==> flow/design.v <==
module gen_add_n #(
    parameter WIDTH = 6,
    parameter NIN = 24,
    parameter RW = WIDTH + $clog2(NIN)
) (
    input ck,
    input clr,
    input en,
    input [NIN*WIDTH-1:0] i_ch,
    output reg [RW-1:0] o_o
);
    reg [NIN*WIDTH-1:0] ch_q;
    wire [RW-1:0] n_ [1:2*NIN-1];
    genvar gi;
    generate
        for (gi = 0; gi < NIN; gi = gi + 1) begin : g_bit
            assign n_[NIN+gi] = ch_q[gi*WIDTH +: WIDTH];
        end
        for (gi = 1; gi < NIN; gi = gi + 1) begin : stage
            assign n_[gi] = n_[2*gi] + n_[2*gi+1];
        end
    endgenerate
    always @(posedge ck or posedge clr) begin
        if (clr) begin
            ch_q <= 0;
            o_o <= 0;
        end else if (en) begin
            ch_q <= i_ch;
            o_o <= n_[1];
        end
    end
endmodule
* Tool chain data of gen_add_n *
Tool output for the design above, in the order of the flow.
Lines are those of the file above, counted from 1.
Operators carry their Yosys type and port widths (W data, S select, Z words).
Cell names lack the library's common part.
A cell with - has no value.

set-up
  design top = gen_add_n
  clock = ck
  library = sky130hd
  timing corner = tt_025C_1v80

* After elaboration *
Yosys after proc, flatten, opt, wreduce and memory -nomap, before mapping. Enables and synchronous resets that opt folds into registers are not counted as muxes. Print and check cells are not counted. Equal cells are merged and count once.

word-level totals
  ROM bits = 0
  clocked read ports x word width = 0
  bits in latches = 0
  register bits after elaboration = 155
  memories kept = 0
  cells after elaboration = 25
  input bits = 147
  bits in writable memories = 0

cells by class
  eq/ne operators = 0
  reduce/logical cells = 0
  bitwise gates (word level) = 0
  div/mod/pow operators = 0
  add/subtract/negate cells = 23
  muxes and demuxes = 0
  multiply operators = 0
  magnitude comparators = 0
  shift-type cells = 0

operators by type and width
  operator          number
  $add A11 B11 Y11  11
  $add A6 B6 Y7     12

* Longest topological paths *
Yosys ltp: most cells in a row. Word level: on the elaborated netlist, between registers, memories and ports. Mapped: between sequential cells and ports; inverters and the memories' decode and read muxes count.

logic depth
  depth in word-level cells = 5
  ABC_AREA = 0
  gate-level depth with buffers = 23
  depth with buffers taken out = 22

* After synthesis *
Source: synth_stat.txt of the flow (Yosys; design flattened, memories mapped). It holds for the ABC_AREA given above (unset counts as 0); a run with the other value may have another netlist.

mapped netlist
  buffer cells = 20
  standard cells after synthesis = 850
  chip area (Yosys) = 10,263.6 µm²
  sequential area = 3,878.7 µm²
  flip-flop cells = 155

cells by type
  type      number  total area (µm²)
  dfrtp_1   155     3,878.72
  fa_1      79      1.58E+03
  mux2_2    140     1.58E+03
  ha_1      88      1.1E+03
  inv_1     108     405.389
  xnor2_1   29      253.994
  nand2_1   50      187.68
  xor2_1    21      183.926
  a21oi_1   35      175.168
  o21ai_0   24      120.115
  nor2b_1   19      118.864
  buf_4     14      105.101
  a21o_1    12      90.086
  nor2_1    24      90.086
  o211ai_1  12      90.086
  a211oi_1  7       52.55
  a21oi_2   4       35.034
  mux2i_1   3       30.029

Not listed: further types 17, cells in them 26.

* Path before layout *
Source: OpenSTA report_checks on the synthesized netlist (no wires, ideal clock, input and output delay 20% of the period each), path of least setup slack; recovery checks are left aside. Register names are those of the netlist, which keeps one name where synthesis merged equal registers.

path post-synthesis
  path type = reg-to-reg
  start = register ch_q[48]
  end = register o_o[6]
  period = 6.6 ns
  required time = 6.475 ns
  setup slack = 1.321 ns
  stages on the path = 20
  launch time at the first pin = 0.000 ns
  path delay = 5.279 ns
  path buffers = 0
  data arrival time = 5.154 ns
  synthesis period reached = 5.279 ns

"path delay" is the arrival time less input delay plus setup time.
"stages on the path" counts driving pins, that of a launching flip-flop among them; a cell with two outputs on the path counts twice.
"synthesis period reached" is the clock period less the worst setup slack; recovery checks do not enter. This is arithmetic on one report: input and output delays are still those of the set period (20% each).
Between the ends stands the longest chain of elaborated cells between them, by number of cells; it is not shown to be the way that was timed. Of several equally long chains one is given.
Each line given opens the expression or statement behind the cell; cells for indexed reads and writes are added by Yosys, which also makes memories of some case tables.

between the ends, post-synthesis
  cell sequence = dfrtp_1 -> ha_1 -> fa_1 -> a21o_1 -> a21oi_2 -> nor2_1 -> a211oi_1 -> fa_1 -> inv_1 -> fa_1 -> fa_1 -> fa_1 -> inv_1 -> fa_1 -> inv_1 -> ha_1 -> o21a_1 -> o31a_1 -> a21oi_1 -> mux2_2
  length of the longest elaborated chain = 5
  elaborated cells on any way between the ends = 5
  RTL lines with such cells = 1

RTL lines, path post-synthesis
  element                        line  source
  start, declared                12    reg [NIN*WIDTH-1:0] ch_q;
  start, assigned                25    ch_q <= 0;
  start, assigned                28    ch_q <= i_ch;
  $add A6 B6 Y7                  20    assign n_[gi] = n_[2*gi] + n_[2*gi+1];
  $add A11 B11 Y11 (4 in a row)  20
  end, assigned                  26    o_o <= 0;
  end, assigned                  29    o_o <= n_[1];
  end, declared                  10    output reg [RW-1:0] o_o

* Timing after layout *
Path of least setup slack in the final report of flow run 1 (OpenROAD, finished layout, wires in). Where an end is a register, its clock arrival counts in the times.

path post-layout
  path type = reg-to-reg
  start = register ch_q[42]
  end = register o_o[10]
  period = 4.04 ns
  required time = 4.40 ns
  setup slack = -1.30 ns
  stages on the path = 20
  path buffers = 2
  launch time at the first pin = 0.48 ns
  data arrival time = 5.70 ns

Between the ends stands the longest chain of elaborated cells between them, by number of cells; it is not shown to be the way that was timed. Of several equally long chains one is given.

between the ends, post-layout
  cell sequence = dfrtp_1 -> ha_4 -> fa_2 -> a21o_1 -> a21oi_2 -> buf_4 -> xnor2_4 -> fa_2 -> fa_2 -> fa_2 -> fa_1 -> inv_1 -> fa_1 -> inv_2 -> ha_4 -> nor2b_4 -> o31a_1 -> buf_6 -> o31ai_4 -> a21oi_1
  length of the longest elaborated chain = 4
  elaborated cells on any way between the ends = 4
  RTL lines with such cells = 1

RTL lines, path post-layout
  element                        line  source
  start, declared                12    reg [NIN*WIDTH-1:0] ch_q;
  start, assigned                25    ch_q <= 0;
  start, assigned                28    ch_q <= i_ch;
  $add A6 B6 Y7                  20    assign n_[gi] = n_[2*gi] + n_[2*gi+1];
  $add A11 B11 Y11 (3 in a row)  20
  end, assigned                  26    o_o <= 0;
  end, assigned                  29    o_o <= n_[1];
  end, declared                  10    output reg [RW-1:0] o_o

Hand-over note for gen_add_n

Design gen_add_n on sky130hd. What follows are 3 stored runs of the flow, each under its own settings; their order means nothing. The constraints put input and output delay at 20% of the set period each and load the outputs with 0.01 pF.
By "achieved clock period" is meant the clock period of the run minus its worst setup slack. This is arithmetic on one report: input and output delays are still those of the set period (20% each).
"worst setup path time" means the part of the period allowed to the worst setup path (the constraints hold back 20% at inputs and 20% at outputs) less its slack; where the path has registers, the arrival times of their clocks count too.

Flow run 1
==> flow/run.sh <==
#!/bin/bash
# the make line also repeats the synthesis and layout settings of config.mk as NAME=value (left out here)
make -C /OpenROAD-flow-scripts/flow DESIGN_CONFIG=/design/flow/config.mk WORK_HOME=/design/flow/orfs CLKGATE_MAP_FILE= finish
==> flow/config.mk <==
export PLATFORM = sky130hd
export DESIGN_NAME = gen_add_n
export DESIGN_NICKNAME = gen_add_n
export VERILOG_FILES = /design/flow/design.v
export SDC_FILE = /design/flow/constraint.sdc
export NUM_CORES = 4
export LEC_CHECK = 0
export CAP_MARGIN = 15
export CELL_PAD_IN_SITES_GLOBAL_PLACEMENT = 0
export CORE_ASPECT_RATIO = 1.1
export CORE_MARGIN = 2
export CORE_UTILIZATION = 17
export GPL_TIMING_DRIVEN = 0
export PLACE_DENSITY_LB_ADDON = 0.04
export SETUP_SLACK_MARGIN = -0.16
export SLEW_MARGIN = 10
==> flow/constraint.sdc <==
create_clock -name core_clock -period 4.04 [get_ports {ck}]
set_input_delay 0.8080 -clock core_clock [delete_from_list [all_inputs] [get_ports {ck}]]
set_output_delay 0.8080 -clock core_clock [all_outputs]
set_load 0.01 [all_outputs]

==> results of flow run 1 <==
chip area after synthesis (Yosys): 10,263.6 µm²
die area: 62,357.8 µm²
utilization: 23.7 %
worst setup slack after layout: -1.299 ns
total negative slack: -9.485 ns
worst hold slack: 0.508 ns
achieved clock period: 5.339 ns
worst setup path time: 5.34 ns
worst setup path kind: reg-to-reg

Flow run 2
==> flow/run.sh <==
#!/bin/bash
# the make line also repeats the synthesis and layout settings of config.mk as NAME=value (left out here)
make -C /OpenROAD-flow-scripts/flow DESIGN_CONFIG=/design/flow/config.mk WORK_HOME=/design/flow/orfs CLKGATE_MAP_FILE= finish
==> flow/config.mk <==
export PLATFORM = sky130hd
export DESIGN_NAME = gen_add_n
export DESIGN_NICKNAME = gen_add_n
export VERILOG_FILES = /design/flow/design.v
export SDC_FILE = /design/flow/constraint.sdc
export NUM_CORES = 4
export LEC_CHECK = 0
export CAP_MARGIN = 20
export CORE_MARGIN = 2
export CORE_UTILIZATION = 40
export SLEW_MARGIN = 20
==> flow/constraint.sdc <==
create_clock -name core_clock -period 6.6 [get_ports {ck}]
set_input_delay 1.3200 -clock core_clock [delete_from_list [all_inputs] [get_ports {ck}]]
set_output_delay 1.3200 -clock core_clock [all_outputs]
set_load 0.01 [all_outputs]

==> results of flow run 2 <==
chip area after synthesis (Yosys): 10,263.6 µm²
die area: 26,956.7 µm²
utilization: 50.6 %
worst setup slack after layout: 0.913 ns
total negative slack: 0.000 ns
worst hold slack: 0.505 ns
achieved clock period: 5.687 ns
worst setup path time: 5.69 ns
worst setup path kind: reg-to-reg

Flow run 3
==> flow/run.sh <==
#!/bin/bash
# the make line also repeats the synthesis and layout settings of config.mk as NAME=value (left out here)
make -C /OpenROAD-flow-scripts/flow DESIGN_CONFIG=/design/flow/config.mk WORK_HOME=/design/flow/orfs CLKGATE_MAP_FILE= finish
==> flow/config.mk <==
export PLATFORM = sky130hd
export DESIGN_NAME = gen_add_n
export DESIGN_NICKNAME = gen_add_n
export VERILOG_FILES = /design/flow/design.v
export SDC_FILE = /design/flow/constraint.sdc
export NUM_CORES = 4
export LEC_CHECK = 0
export ABC_AREA = 1
export CAP_MARGIN = 20
export CORE_MARGIN = 2
export CORE_UTILIZATION = 70
export CTS_CLUSTER_SIZE = 17
export GPL_ROUTABILITY_DRIVEN = 0
export PLACE_DENSITY = 0.77
export SETUP_SLACK_MARGIN = -0.26
export SLEW_MARGIN = 20
==> flow/constraint.sdc <==
create_clock -name core_clock -period 6.91 [get_ports {ck}]
set_input_delay 1.3820 -clock core_clock [delete_from_list [all_inputs] [get_ports {ck}]]
set_output_delay 1.3820 -clock core_clock [all_outputs]
set_load 0.01 [all_outputs]

==> results of flow run 3 <==
chip area after synthesis (Yosys): 10,473.8 µm²
die area: 15,956.7 µm²
utilization: 86.4 %
worst setup slack after layout: 1.467 ns
total negative slack: 0.000 ns
worst hold slack: 0.474 ns
achieved clock period: 5.443 ns
worst setup path time: 5.44 ns
worst setup path kind: reg-to-reg

End of note.
